==> flow/design.v <==
module ex_registers_blk #(
   parameter DEPTH = 8,
   parameter DW = 12,
   parameter AW = $clog2(DEPTH)
) (
   input  core_clk,
   input  we,
   input  [AW-1:0] wa,
   input  [DW-1:0] wdata,
   input  [AW-1:0] ra_a,
   input  [AW-1:0] ra_b,
   output reg [DW-1:0] dout_a,
   output reg [DW-1:0] dout_b
);
   reg we_r;
   reg [AW-1:0] wa_r;
   reg [DW-1:0] wdata_r;
   reg [DW-1:0] bank [0:DEPTH-1];
   always @(posedge core_clk) begin
      if (we_r)
         bank[wa_r] <= wdata_r;
   end
   reg [AW-1:0] ra_a_r;
   reg [AW-1:0] ra_b_r;
   always @(posedge core_clk) begin
      we_r <= we;
      wa_r <= wa;
      wdata_r <= wdata;
      ra_a_r <= ra_a;
      ra_b_r <= ra_b;
      dout_a <= (we_r && wa_r == ra_a_r) ? wdata_r : bank[ra_a_r];
      dout_b <= (we_r && wa_r == ra_b_r) ? wdata_r : bank[ra_b_r];
   end
endmodule
# == Step by step through the tools: ex_registers_blk ==
# Tool output for the design above, in the order of the flow.
# Lines are those of the file above, counted from 1.
# Cell names lack the library's common part.
# A cell with -- has no value.
# inputs
design,ex_registers_blk
clock,core_clk
cell_library,sky130hd
pvt_corner,tt_025C_1v80

# == Word level ==
# Source: Yosys, flattened and elaborated, memories not mapped. Widths are those after wreduce; folded enables and synchronous resets count as part of the registers. Registers that Yosys merges into a memory's read port (data or address) are not register bits. Print and check cells do not count. Equal cells are merged and count once.
# Yosys's memory passes give these memory sizes; they may raise the number of words (mostly to a power of two), join words into wider ones and drop unused or constant bits.
# bits
clocked_rd_ports_x_width,24
ram_bits,96
n_memories,1
in_bits,23
mem_bits_ro,0
latch_bits,0
register_bits,22
# mem_list
name,words,word_bits,read_ports,wr,line_no,text
bank,8,12,2,1,18,reg [DW-1:0] bank [0:DEPTH-1];
# op_classes
compare,0
n_mux,3
shifts,0
multipliers,0
equal,0
addsub,0
n_logic,0
div,0
reduce_logical,0
# op_table
op,count
two-way mux 12 bit,1
two-way mux 3 bit,1
two-way mux 1 bit,1

# == Longest topological paths ==
# Yosys ltp: most cells in a row. Word level: on the elaborated netlist, between registers, memories and ports. Mapped: between sequential cells and ports; inverters and the memories' decode and read muxes count.
# logic_depth
word_depth,1
abc_area,0
ltp_mapped,4
mapped_depth_nobuf,2

# == Synthesis result ==
# Source: synth_stat.txt of the flow (Yosys; design flattened, memories mapped). It holds for the ABC_AREA given above (unset counts as 0); a run with the other value may have another netlist.
# Totals and module areas in this step are rounded.
# mapped
sequential_area_um2,3440
area_um2,5110
buffers,14
mapped_cells,223
flip_flops,124
# types
cell,count
edfxtp_1,96
mux4_1,42
dfxtp_1,28
mux2_2,24
mux4_2,6
buf_6,6
nor2_1,6
buf_2,4
nand2b_1,3
clkbuf_1,4
nor3_1,2
nand2_1,2

# == Timing after synthesis ==
# Path of least setup slack by OpenSTA after synthesis, without wires, with an ideal clock, recovery checks aside; 20% of the period is set as input and as output delay. Where synthesis merged equal registers, the netlist keeps one of their names.
# synth_timing
path_kind,register to output
start,register (name not given)
end,output dout_b[10]
slack_ps,347
clock_period_ps,2180
out_delay_ps,436
n_path_buf,2
path_delay_ps,1397
path_stages,5
arrival_time_ps,1397
required_time_ps,1744
t_first_pin_ps,0
synth_period_reached_ps,1833
# "path_delay_ps" = arrival - input delay + setup time.
# At an output port there is no setup time.
# "path_stages": output pins that drive a net of the path, with the launching flip-flop's if there is one; two outputs of one cell count as two.
# "synth_period_reached_ps" is the clock period less the worst setup slack; recovery checks do not enter. This is arithmetic on one report: input and output delays are still those of the set period (20% each).
# synth_between
cell_sequence,dfxtp_1 buf_6 buf_6 mux4_1 mux2_2
# synth_lines
element,line_no,text
to (decl),13,output reg [DW-1:0] dout_b
# Chain of elaborated cells between the ends: none given.

# == Timing after layout ==
# Path of least setup slack in the final report of run 1 (OpenROAD, finished layout, wires in). Where an end is a register, its clock arrival counts in the times.
# The report prints the path's times to 10 ps; the period is as set.
# layout_timing
path_kind,register to output
start,register (name not given)
end,output dout_a[3]
arrival_time_ps,2010
path_stages,6
out_delay_ps,440
slack_ps,-260
required_time_ps,1740
clock_period_ps,2180
n_path_buf,3
t_first_pin_ps,410
# layout_between
cell_sequence,dfxtp_4 buf_12 buf_6 mux4_2 mux2_4 buf_6
# layout_lines
element,line_no,text
to (decl),12,"output reg [DW-1:0] dout_a,"
# Chain of elaborated cells between the ends: none given.

Memo
Re: implementation data of ex_registers_blk

Measured results for ex_registers_blk: 3 stored runs of the Yosys and OpenROAD flow on sky130hd. The settings differ; the order carries no meaning. The constraints put input and output delay at 20% of the set period each and load the outputs with 0.01 pF.
"achieved_clock_period_ps": clock period set for the run, less the worst setup slack. It is reckoned from that one timing run; input and output delays stay at 20% of the period that was set.
By "timing.worst_path_ps" is meant the share of the clock period that the worst setup path is allowed (20% is reserved at inputs, 20% at outputs), minus its slack. Clock arrival times at its registers enter into it.
"power_total_w" rests on the timing tool's default activity at the inputs, not on a simulated workload.
"timing.worst_path_ps" is known to 10 ps.
Results are given in rounded form.

Run 1, flow files:
==> flow/run.sh <==
#!/bin/bash
# the make line also repeats the synthesis and layout settings of config.mk as NAME=value (left out here)
make -C /OpenROAD-flow-scripts/flow DESIGN_CONFIG=/design/flow/config.mk WORK_HOME=/design/flow/orfs CLKGATE_MAP_FILE= finish
==> flow/config.mk <==
export PLATFORM = sky130hd
export DESIGN_NAME = ex_registers_blk
export DESIGN_NICKNAME = ex_registers_blk
export VERILOG_FILES = /design/flow/design.v
export SDC_FILE = /design/flow/constraint.sdc
export NUM_CORES = 4
export LEC_CHECK = 0
export CAP_MARGIN = 20
export CORE_MARGIN = 2
export CORE_UTILIZATION = 40
export SLEW_MARGIN = 20
==> flow/constraint.sdc <==
create_clock -name core_clock -period 2.18 [get_ports {core_clk}]
set_input_delay 0.4360 -clock core_clock [delete_from_list [all_inputs] [get_ports {core_clk}]]
set_output_delay 0.4360 -clock core_clock [all_outputs]
set_load 0.01 [all_outputs]

==> results of run 1, as CSV <==
result,value
ws_setup_ps,-262
achieved_clock_period_ps,2442
die_footprint_um2,13700
timing.worst_path_ps,2010
worst_path_kind,"register to output"
power_total_w,0.00601
timing.setup.tns_ps,-4350
post_synth_area_um2,5110
finalUtil_pct,53.1
worst_hold_slack_ps,322

Run 2, flow files:
==> flow/run.sh <==
#!/bin/bash
# the make line also repeats the synthesis and layout settings of config.mk as NAME=value (left out here)
make -C /OpenROAD-flow-scripts/flow DESIGN_CONFIG=/design/flow/config.mk WORK_HOME=/design/flow/orfs CLKGATE_MAP_FILE= finish
==> flow/config.mk <==
export PLATFORM = sky130hd
export DESIGN_NAME = ex_registers_blk
export DESIGN_NICKNAME = ex_registers_blk
export VERILOG_FILES = /design/flow/design.v
export SDC_FILE = /design/flow/constraint.sdc
export NUM_CORES = 4
export LEC_CHECK = 0
export CAP_MARGIN = 5
export CORE_ASPECT_RATIO = 0.82
export CORE_MARGIN = 2
export CORE_UTILIZATION = 19
export HOLD_SLACK_MARGIN = 0.01
export PLACE_DENSITY_LB_ADDON = 0.16
export SLEW_MARGIN = 20
==> flow/constraint.sdc <==
create_clock -name core_clock -period 3.39 [get_ports {core_clk}]
set_input_delay 0.6780 -clock core_clock [delete_from_list [all_inputs] [get_ports {core_clk}]]
set_output_delay 0.6780 -clock core_clock [all_outputs]
set_load 0.01 [all_outputs]

==> results of run 2, as CSV <==
result,value
finalUtil_pct,25.1
die_footprint_um2,28200
worst_hold_slack_ps,324
ws_setup_ps,333
power_total_w,0.00391
timing.worst_path_ps,2380
worst_path_kind,"register to output"
post_synth_area_um2,5110
achieved_clock_period_ps,3057
timing.setup.tns_ps,0

Run 3, flow files:
==> flow/run.sh <==
#!/bin/bash
# the make line also repeats the synthesis and layout settings of config.mk as NAME=value (left out here)
make -C /OpenROAD-flow-scripts/flow DESIGN_CONFIG=/design/flow/config.mk WORK_HOME=/design/flow/orfs CLKGATE_MAP_FILE= finish
==> flow/config.mk <==
export PLATFORM = sky130hd
export DESIGN_NAME = ex_registers_blk
export DESIGN_NICKNAME = ex_registers_blk
export VERILOG_FILES = /design/flow/design.v
export SDC_FILE = /design/flow/constraint.sdc
export NUM_CORES = 4
export LEC_CHECK = 0
export ABC_AREA = 1
export CAP_MARGIN = 20
export CELL_PAD_IN_SITES_DETAIL_PLACEMENT = 0
export CORE_ASPECT_RATIO = 1.1
export CORE_MARGIN = 2
export CORE_UTILIZATION = 54
export GPL_TIMING_DRIVEN = 0
export PLACE_DENSITY_LB_ADDON = 0.09
export SLEW_MARGIN = 10
==> flow/constraint.sdc <==
create_clock -name core_clock -period 2.19 [get_ports {core_clk}]
set_input_delay 0.4380 -clock core_clock [delete_from_list [all_inputs] [get_ports {core_clk}]]
set_output_delay 0.4380 -clock core_clock [all_outputs]
set_load 0.01 [all_outputs]

==> results of run 3, as CSV <==
result,value
achieved_clock_period_ps,2147
power_total_w,0.00619
worst_hold_slack_ps,324
die_footprint_um2,11500
finalUtil_pct,69.5
timing.setup.tns_ps,0
timing.worst_path_ps,1710
worst_path_kind,"register to output"
ws_setup_ps,43
post_synth_area_um2,5740
